==> flow/design.v <==
module alu_plus_stage #(
   parameter int DW = 28
) (
   input logic core_clk,
   input logic RSTN,
   input logic [DW-1:0] u,
   input logic [DW-1:0] v,
   input logic carry_in,
   output logic [DW-1:0] q,
   output logic ovf
);
   logic [DW-1:0] u_reg;
   logic [DW-1:0] v_reg;
   logic carry_in_reg;
   always_ff @(posedge core_clk) begin
      if (!RSTN) begin
         u_reg <= '0;
         v_reg <= '0;
         carry_in_reg <= 1'b0;
      end else begin
         u_reg <= u;
         v_reg <= v;
         carry_in_reg <= carry_in;
      end
   end
   localparam int NB = DW / 4;
   logic [DW-1:0] nxt;
   logic [NB:0] chain;
   assign chain[0] = carry_in_reg;
   for (genvar k = 0; k < NB; k++) begin : u_g
      alu_plus_stage_cla4 el (.a(u_reg[4*k +: 4]), .b(v_reg[4*k +: 4]), .ci(chain[k]), .s(nxt[4*k +: 4]), .co(chain[k+1]));
   end
   assign q = nxt;
   assign ovf = chain[NB];
endmodule
module alu_plus_stage_cla4 (
   input logic [3:0] a,
   input logic [3:0] b,
   input logic ci,
   output logic [3:0] s,
   output logic co
);
   wire [3:0] g = a & b;
   wire [3:0] p = a ^ b;
   wire c1 = g[0] | (p[0] & ci);
   wire c2 = g[1] | (p[1] & g[0]) | (p[1] & p[0] & ci);
   wire c3 = g[2] | (p[2] & g[1]) | (p[2] & p[1] & g[0]) | (p[2] & p[1] & p[0] & ci);
   assign co = g[3] | (p[3] & g[2]) | (p[3] & p[2] & g[1]) | (p[3] & p[2] & p[1] & g[0]) | (&p & ci);
   assign s = p ^ {c3, c2, c1, ci};
endmodule
**Step by step through the tools: alu_plus_stage**

Tool output for the design above, in the order of the flow.
Line numbers count from 1 in the design file above.
Library cell names are shortened.
Not given: --

- Top: alu_plus_stage
- Clock input: core_clk
- Cell library: sky130hd
- Timing corner: tt_025C_1v80

**Word level**

Yosys after proc, flatten, opt, wreduce and memory -nomap, before mapping. Enables and synchronous resets that opt folds into registers are not counted as muxes. Memory bits, and registers merged into a memory's read port (data or address), are not among the register bits. Print and check cells are not counted. Equal cells are merged and count once.

- Bits in registers: 57
- Bits of input ports: 59
- Output and inout bits: 29

- Bitwise operators: 196
- Reductions and logical operators: 7

Operator list:

| kind | number |
|---|---|
| bitwise AND 1 bit | 105 |
| bitwise OR 1 bit | 70 |
| XOR 4 bit | 14 |
| bitwise AND 4 bit | 7 |
| AND reduction 4 bit | 7 |

**Longest topological paths**

Yosys ltp: most cells in a row. Word level: on the elaborated netlist, between registers, memories and ports. Mapped: between sequential cells and ports; inverters and the memories' decode and read muxes count.

- Word-level depth: 19
- ABC_AREA: 0
- Gate-level depth with buffers: 11
- Mapped depth without buffers: 11

**Mapped cells and area**

Source: synth_stat.txt of the flow (Yosys; design flattened, memories mapped). It holds for the ABC_AREA given above (unset counts as 0); a run with the other value may have another netlist.

Cells by type:

| type | number |
|---|---|
| dfxtp_1 | 57 |
| and2_1 | 57 |
| ha_1 | 28 |
| fa_1 | 7 |
| xor2_1 | 12 |
| a21oi_1 | 16 |
| xnor2_1 | 7 |
| nand2_1 | 13 |
| inv_1 | 9 |
| nor2_1 | 7 |
| nand3_1 | 5 |
| clkbuf_1 | 6 |
| o21a_1 | 3 |
| a31oi_4 | 1 |
| o21ai_0 | 4 |
| nand2b_1 | 3 |
| a21o_1 | 2 |
| o211ai_1 | 2 |

Not listed: further types 20, cells in them 23.

- Mapped cells: 262
- Cell area after synthesis: 0.0026838 mm^2
- Flip-flop cells: 57

By module: a second synthesis without flattening, with its own total; a netlist apart from the flattened one above.

- Cells (unflattened synthesis): 239
- Area (unflattened synthesis): 0.0025862 mm^2

Each row is one instance without its submodules.

By module:

| module | times used | cells | area (mm^2) | seq. area (mm^2) |
|---|---|---|---|---|
| alu_plus_stage | 1 | 120 | 0.0015527 | 0.0011411 |
| alu_plus_stage_cla4 | 7 | 17 | 0.0001476 | 0 |

**Timing after synthesis**

Path of least setup slack by OpenSTA after synthesis, without wires, with an ideal clock, recovery checks aside; 20% of the period is set as input and as output delay. Where synthesis merged equal registers, the netlist keeps one of their names.

- Path type: reg2out
- From: register v_reg[0]
- To: output q[25]
- Period: 4.07 ns
- External output delay: 0.814 ns
- Launch time at the first pin: 0.000 ns
- Data arrival time: 2.602 ns
- Path slack: 0.654 ns
- Delay of the path: 2.602 ns
- Driving pins on the path: 11
- Synthesis period reached: 3.416 ns

"delay of the path" = arrival - input delay + setup time.
At an output port there is no setup time.
"driving pins on the path" counts driving pins, that of a launching flip-flop among them; a cell with two outputs on the path counts twice.
"synthesis period reached" is the clock period less the worst setup slack; recovery checks do not enter. This is arithmetic on one report: input and output delays are still those of the set period (20% each).
Between the ends stands the longest chain of elaborated cells between them, by number of cells; it is not shown to be the way that was timed. Of several equally long chains one is given.
Each line given opens the expression or statement behind the cell; cells for indexed reads and writes are added by Yosys, which also makes memories of some case tables.

- Cell sequence: dfxtp_1 ha_1 a211oi_2 nor4_1 nor2_4 o211ai_2 or4_4 a31oi_4 inv_1 fa_1 xor2_1
- Cells in the longest elaborated chain: 17
- Elaborated cells on any way between the ends: 20
- RTL lines with such cells: 5
- Those cells by class: logic: 19; reduce/logical: 1

Ends and longest elaborated chain, post-synthesis:

| what | RTL line | source |
|---|---|---|
| from (decl) | 13 | `logic [DW-1:0] v_reg;` |
| from (assign) | 18 | `v_reg <= '0;` |
| from (assign) | 22 | `v_reg <= v;` |
| bitwise AND 4 bit | 43 | `wire [3:0] g = a & b;` |
| bitwise AND 1 bit | 48 | `assign co = g[3] \| (p[3] & g[2]) \| (p[3] & p[2] & g[1]) \| (p[3] & p[2] & p[1] & g[0]) \| (&p & ci);` |
| bitwise OR 1 bit (2 in a row) | 48 |  |
| bitwise AND 1 bit | 48 |  |
| bitwise OR 1 bit | 48 |  |
| bitwise AND 1 bit | 48 |  |
| bitwise OR 1 bit | 48 |  |
| [2 not listed] | -- |  |
| bitwise AND 1 bit | 48 |  |
| bitwise OR 1 bit | 48 |  |
| bitwise AND 1 bit | 48 |  |
| bitwise OR 1 bit | 48 |  |
| bitwise AND 1 bit | 45 | `wire c1 = g[0] \| (p[0] & ci);` |
| bitwise OR 1 bit | 45 |  |
| XOR 4 bit | 49 | `assign s = p ^ {c3, c2, c1, ci};` |
| to (decl) | 9 | `output logic [DW-1:0] q,` |

**Timing after layout**

Path of least setup slack in the final report of stored run 1 (OpenROAD, finished layout, wires in). Where an end is a register, its clock arrival counts in the times.

- Path type: reg2out
- From: register v_reg[0]
- To: output q[6]
- Period: 4.07 ns
- External output delay: 0.81 ns
- Launch time at the first pin: 0.32 ns
- Data arrival time: 3.20 ns
- Path slack: 0.05 ns
- Driving pins on the path: 18

Between the ends stands the longest chain of elaborated cells between them, by number of cells; it is not shown to be the way that was timed. Of several equally long chains one is given.

- Cell sequence: dfxtp_2 ha_4 a211oi_4 buf_4 buf_4 buf_4 buf_4 buf_4 buf_4 buf_4 nor2_1 o21ai_1 nand2b_1 a21o_1 a21oi_2 buf_4 xnor2_1 dlygate4sd2_1
- Cells in the longest elaborated chain: 7
- Elaborated cells on any way between the ends: 10
- RTL lines with such cells: 5
- Those cells by class: logic: 9; reduce/logical: 1

Ends and longest elaborated chain, post-layout:

| what | RTL line | source |
|---|---|---|
| from (decl) | 13 | `logic [DW-1:0] v_reg;` |
| from (assign) | 18 | `v_reg <= '0;` |
| from (assign) | 22 | `v_reg <= v;` |
| bitwise AND 4 bit | 43 | `wire [3:0] g = a & b;` |
| bitwise AND 1 bit | 48 | `assign co = g[3] \| (p[3] & g[2]) \| (p[3] & p[2] & g[1]) \| (p[3] & p[2] & p[1] & g[0]) \| (&p & ci);` |
| bitwise OR 1 bit (2 in a row) | 48 |  |
| bitwise AND 1 bit | 46 | `wire c2 = g[1] \| (p[1] & g[0]) \| (p[1] & p[0] & ci);` |
| bitwise OR 1 bit | 46 |  |
| XOR 4 bit | 49 | `assign s = p ^ {c3, c2, c1, ci};` |
| to (decl) | 9 | `output logic [DW-1:0] q,` |

Memo
Re: implementation data of alu_plus_stage

Flow measurements of alu_plus_stage on sky130hd: 3 stored runs with different settings, listed in no order. Input and output delays are each 20% of the period that was set; the output load is 0.01 pF.
"worst setup path time" = time allowed to the worst setup path (clock period - input delay - output delay, where it has them) - its slack; a late launch clock adds to it, a late capture clock takes from it.

### Stored run 1

Settings: `period_ns=4.07`, `CAP_MARGIN=20`, `CORE_MARGIN=2`, `CORE_UTILIZATION=40`, `SLEW_MARGIN=20`

- Netlist area reported by Yosys: 0.0026838 mm^2
- Post-route worst hold slack: 1.060 ns
- Standard-cell area after layout: 0.0040952 mm^2
- Die footprint: 0.0073805 mm^2
- Setup slack of the critical path: 0.052 ns
- Worst setup path time: 3.20 ns
- Type of the worst setup path: reg2out

### Stored run 2

Settings: `period_ns=5.02`, `CORE_UTILIZATION=38`, `SETUP_SLACK_MARGIN=0.66`, `PLACE_DENSITY_LB_ADDON=0.29`, `CORE_MARGIN=5`, `CELL_PAD_IN_SITES_GLOBAL_PLACEMENT=3`, `CAP_MARGIN=20`, `SLEW_MARGIN=20`

Unfinished; error FLW-0024 in placement.

### Stored run 3

Settings: `period_ns=2.46`, `CORE_UTILIZATION=56`, `SETUP_SLACK_MARGIN=0.53`, `PLACE_DENSITY_LB_ADDON=0.12`, `CORE_MARGIN=5`, `ABC_AREA=0`, `GPL_TIMING_DRIVEN=1`, `CTS_CLUSTER_DIAMETER=168`, `SLEW_MARGIN=25`, `MIN_ROUTING_LAYER=met1`, `CAP_MARGIN=20`

- Setup slack of the critical path: -1.214 ns
- Post-route worst hold slack: 0.706 ns
- Worst setup path time: 3.18 ns
- Type of the worst setup path: reg2out
- Standard-cell area after layout: 0.0045081 mm^2
- Die footprint: 0.0062774 mm^2
- Netlist area reported by Yosys: 0.0026838 mm^2
